==> flow/design.v <==
module alu_plus_stage #(
   parameter int DW = 64
) (
   input logic core_clk,
   input logic RSTN,
   input logic [DW-1:0] u,
   input logic [DW-1:0] v,
   input logic carry_in,
   output logic [DW-1:0] q,
   output logic ovf
);
   logic [DW-1:0] u_reg;
   logic [DW-1:0] v_reg;
   logic carry_in_reg;
   always_ff @(posedge core_clk) begin
      if (!RSTN) begin
         u_reg <= '0;
         v_reg <= '0;
         carry_in_reg <= 1'b0;
      end else begin
         u_reg <= u;
         v_reg <= v;
         carry_in_reg <= carry_in;
      end
   end
   localparam int NB = DW / 4;
   logic [DW-1:0] nxt;
   logic [NB:0] chain;
   assign chain[0] = carry_in_reg;
   for (genvar k = 0; k < NB; k++) begin : u_g
      alu_plus_stage_cla4 el (.a(u_reg[4*k +: 4]), .b(v_reg[4*k +: 4]), .ci(chain[k]), .s(nxt[4*k +: 4]), .co(chain[k+1]));
   end
   assign q = nxt;
   assign ovf = chain[NB];
endmodule
module alu_plus_stage_cla4 (
   input logic [3:0] a,
   input logic [3:0] b,
   input logic ci,
   output logic [3:0] s,
   output logic co
);
   wire [3:0] g = a & b;
   wire [3:0] p = a ^ b;
   wire c1 = g[0] | (p[0] & ci);
   wire c2 = g[1] | (p[1] & g[0]) | (p[1] & p[0] & ci);
   wire c3 = g[2] | (p[2] & g[1]) | (p[2] & p[1] & g[0]) | (p[2] & p[1] & p[0] & ci);
   assign co = g[3] | (p[3] & g[2]) | (p[3] & p[2] & g[1]) | (p[3] & p[2] & p[1] & g[0]) | (&p & ci);
   assign s = p ^ {c3, c2, c1, ci};
endmodule
Reports on alu_plus_stage
Tool output for the design above, in the order of the flow.
Lines are those of the file above, counted from 1.
The mark - stands for no value.

set-up
  top = alu_plus_stage
  clock input = core_clk
  standard-cell library = sky130hd
  timing corner = tt_025C_1v80

After elaboration
Counts by Yosys on the flattened word-level netlist (proc, flatten, opt, wreduce; memories kept). Register bits leave out memories and registers merged into their read ports (data or address); mux counts leave out enables and synchronous resets folded into registers. Print and check cells are left out. Cells with the same type and inputs are merged into one.

cells by class
  bitwise gates (word level) = 448
  reductions and logical operators = 16

operators by type and width
  operator             count
  1-bit AND            240
  1-bit OR             160
  4-bit bitwise XOR    32
  4-bit AND            16
  4-bit AND reduction  16

bit counts
  output and inout port bits = 65
  flip-flop bits (word level) = 129
  elaborated cells = 467

Depth
Depth = most cells in a row (Yosys ltp): at word level without a register or memory, in the mapped netlist without a sequential cell, where the memories' decode and read muxes count.

depth
  depth in word-level cells = 37
  ABC_AREA = 0
  gate-level depth with buffers = 11

Mapped cells and area
The flow's flattened synthesis, as Yosys stat reports it; memories are mapped. The netlist is that of the ABC_AREA named above (0 if unset); the other value can give another one.

cells by type
  cell type                  count  area in all (um^2)
  sky130_fd_sc_hd__dfxtp_1   129    2.58E+03
  sky130_fd_sc_hd__and2_1    129    807.024
  sky130_fd_sc_hd__ha_1      64     800.768
  sky130_fd_sc_hd__fa_1      16     320.307
  sky130_fd_sc_hd__xnor2_1   25     218.96
  sky130_fd_sc_hd__xor2_1    21     183.926
  sky130_fd_sc_hd__a21oi_1   34     170.163
  sky130_fd_sc_hd__a21o_1    18     135.13
  sky130_fd_sc_hd__nor2_1    24     90.086
  sky130_fd_sc_hd__o21ai_0   17     85.082
  sky130_fd_sc_hd__nand2_1   19     71.318
  sky130_fd_sc_hd__inv_1     18     67.565
  sky130_fd_sc_hd__o21bai_1  9      67.565
  sky130_fd_sc_hd__nand4_1   10     62.56
  sky130_fd_sc_hd__clkbuf_1  14     52.55
  sky130_fd_sc_hd__nor3_1    8      40.038
  sky130_fd_sc_hd__a211oi_1  5      37.536
  sky130_fd_sc_hd__a221oi_4  1      26.275

Not listed: further types 27, cells in them 38.

mapped netlist
  mapped flip-flops = 129
  cells in the netlist = 599
  chip area (Yosys) = 0.0061421 mm^2
  buffer cells = 14
  sequential part of the area = 0.0025825 mm^2

The figures by module come from a second, unflattened synthesis with its own total; it is not the netlist above.

second synthesis, totals
  cells (unflattened synthesis) = 544
  area total of the unflattened synthesis = 0.0058969 mm^2

Each row is one instance without its submodules.

by module
  module               area (mm^2)  times used  cells
  alu_plus_stage       0.0035346    1           272
  alu_plus_stage_cla4  0.0001476    16          17

Worst setup path after synthesis
Path of least setup slack by OpenSTA after synthesis, without wires, with an ideal clock, recovery checks aside; 20% of the period is set as input and as output delay. Where synthesis merged equal registers, the netlist keeps one of their names.

timing after synthesis
  path kind = register -> output
  start = reg v_reg[33]
  end = out q[61]
  data arrival time = 2.721 ns
  time at the first pin = 0.000 ns
  period = 4.25 ns
  slack = 0.679 ns
  output delay = 0.850 ns
  path delay = 2.721 ns
  required time = 3.400 ns
  stages on the path = 11
  synthesis period reached = 3.571 ns

"path delay" = arrival - input delay + setup time.
At an output port there is no setup time.
"stages on the path": output pins that drive a net of the path, with the launching flip-flop's if there is one; two outputs of one cell count as two.
"synthesis period reached" = period - worst setup slack (recovery checks aside). The figure is calculated, with input and output delays left at 20% of the set period.
Between the ends stands the longest chain of elaborated cells between them, by number of cells; it is not shown to be the way that was timed. Of several equally long chains one is given.
Each line given opens the expression or statement behind the cell; cells for indexed reads and writes are added by Yosys, which also makes memories of some case tables.

on the way, after synthesis
  cells stage by stage = sky130_fd_sc_hd__dfxtp_1 sky130_fd_sc_hd__ha_1 sky130_fd_sc_hd__a21o_1 sky130_fd_sc_hd__a21o_1 sky130_fd_sc_hd__a221oi_4 sky130_fd_sc_hd__o221ai_2 sky130_fd_sc_hd__a211oi_4 sky130_fd_sc_hd__nor3_2 sky130_fd_sc_hd__or3_4 sky130_fd_sc_hd__fa_1 sky130_fd_sc_hd__xor2_1
  cells in the longest elaborated chain = 20
  elaborated cells on any way between the ends = 25
  source lines of those cells = 5
  classes of those cells = logic: 24; reduce/logical: 1

RTL lines, path after synthesis
  what                   RTL line  source
  from (decl)            13        logic [DW-1:0] v_reg;
  from (assign)          18        v_reg <= '0;
  from (assign)          22        v_reg <= v;
  4-bit AND              43        wire [3:0] g = a & b;
  1-bit AND              48        assign co = g[3] | (p[3] & g[2]) | (p[3] & p[2] & g[1]) | (p[3] & p[2] & p[1] & g[0]) | (&p & ci);
  1-bit OR (3 in a row)  48
  1-bit AND              48
  1-bit OR               48
  1-bit AND              48
  1-bit OR               48
  [... 4 more ...]       -
  1-bit AND              48
  1-bit OR               48
  1-bit AND              48
  1-bit OR               48
  1-bit AND              45        wire c1 = g[0] | (p[0] & ci);
  1-bit OR               45
  4-bit bitwise XOR      49        assign s = p ^ {c3, c2, c1, ci};
  to (decl)              9         output logic [DW-1:0] q,

Path in the finished layout
From the final timing report of job 1: the path of least setup slack in the routed layout; clock arrival at registers is part of the times.

timing post-layout
  path kind = register -> output
  start = reg u_reg[33]
  end = out q[61]
  output delay = 0.50 ns
  required time = 2.01 ns
  data arrival time = 3.23 ns
  time at the first pin = 0.41 ns
  period = 2.51 ns
  slack = -1.22 ns
  stages on the path = 13

Between the ends stands the longest chain of elaborated cells between them, by number of cells; it is not shown to be the way that was timed. Of several equally long chains one is given.

on the way, post-layout
  cells stage by stage = sky130_fd_sc_hd__dfxtp_2 sky130_fd_sc_hd__ha_4 sky130_fd_sc_hd__a21o_1 sky130_fd_sc_hd__a21o_1 sky130_fd_sc_hd__a221oi_4 sky130_fd_sc_hd__o221ai_2 sky130_fd_sc_hd__a211oi_4 sky130_fd_sc_hd__buf_6 sky130_fd_sc_hd__nor3_2 sky130_fd_sc_hd__or3_4 sky130_fd_sc_hd__fa_2 sky130_fd_sc_hd__xor2_2 sky130_fd_sc_hd__buf_2
  cells in the longest elaborated chain = 20
  elaborated cells on any way between the ends = 25
  source lines of those cells = 5
  classes of those cells = logic: 24; reduce/logical: 1

RTL lines, path post-layout
  what                   RTL line  source
  from (decl)            12        logic [DW-1:0] u_reg;
  from (assign)          17        u_reg <= '0;
  from (assign)          21        u_reg <= u;
  4-bit AND              43        wire [3:0] g = a & b;
  1-bit AND              48        assign co = g[3] | (p[3] & g[2]) | (p[3] & p[2] & g[1]) | (p[3] & p[2] & p[1] & g[0]) | (&p & ci);
  1-bit OR (3 in a row)  48
  1-bit AND              48
  1-bit OR               48
  1-bit AND              48
  1-bit OR               48
  [... 4 more ...]       -
  1-bit AND              48
  1-bit OR               48
  1-bit AND              48
  1-bit OR               48
  1-bit AND              45        wire c1 = g[0] | (p[0] & ci);
  1-bit OR               45
  4-bit bitwise XOR      49        assign s = p ^ {c3, c2, c1, ci};
  to (decl)              9         output logic [DW-1:0] q,

3 stored runs of alu_plus_stage in the flow (synthesis by Yosys, layout by OpenROAD, sky130hd cells), in arbitrary order. Constraints: input delay and output delay 20% of the set period each, output load 0.01 pF.
"power consumption" rests on the timing tool's default activity at the inputs, not on a simulated workload.
Among the settings, n/a means not set for that run.
Among the results, n/a means that no value is shown for the run.

name                                    job 1      job 2      job 3
period_ns                               2.51       4.25       3.15
CORE_UTILIZATION                        31         40         58
SETUP_SLACK_MARGIN                      -0.16      n/a        n/a
PLACE_DENSITY                           0.37       n/a        n/a
CORE_ASPECT_RATIO                       0.68       n/a        n/a
CORE_MARGIN                             9          2          6
GPL_TIMING_DRIVEN                       0          n/a        n/a
GPL_ROUTABILITY_DRIVEN                  1          n/a        0
MAX_ROUTING_LAYER                       met4       n/a        met5
CAP_MARGIN                              20         20         20
SLEW_MARGIN                             20         20         30
CELL_PAD_IN_SITES_DETAIL_PLACEMENT      n/a        n/a        2
TNS_END_PERCENT                         n/a        n/a        95
ABC_AREA                                n/a        n/a        0
MIN_ROUTING_LAYER                       n/a        n/a        met1
die footprint (mm^2)                    0.0252993  0.0163622  n/a
standard-cell area after layout (mm^2)  0.0102361  0.0092551  n/a
synthesis area (mm^2)                   0.0061421  0.0061421  n/a
worst setup slack after layout (ns)     -1.218     -0.014     n/a
worst hold slack after layout (ns)      0.522      0.955      n/a
total negative setup slack (ns)         -55.198    -0.027     n/a
power consumption (mW)                  6.152      3.424      n/a
utilization                             0.539      0.613      n/a

Job 3: no final report: placement broke off with a tool error
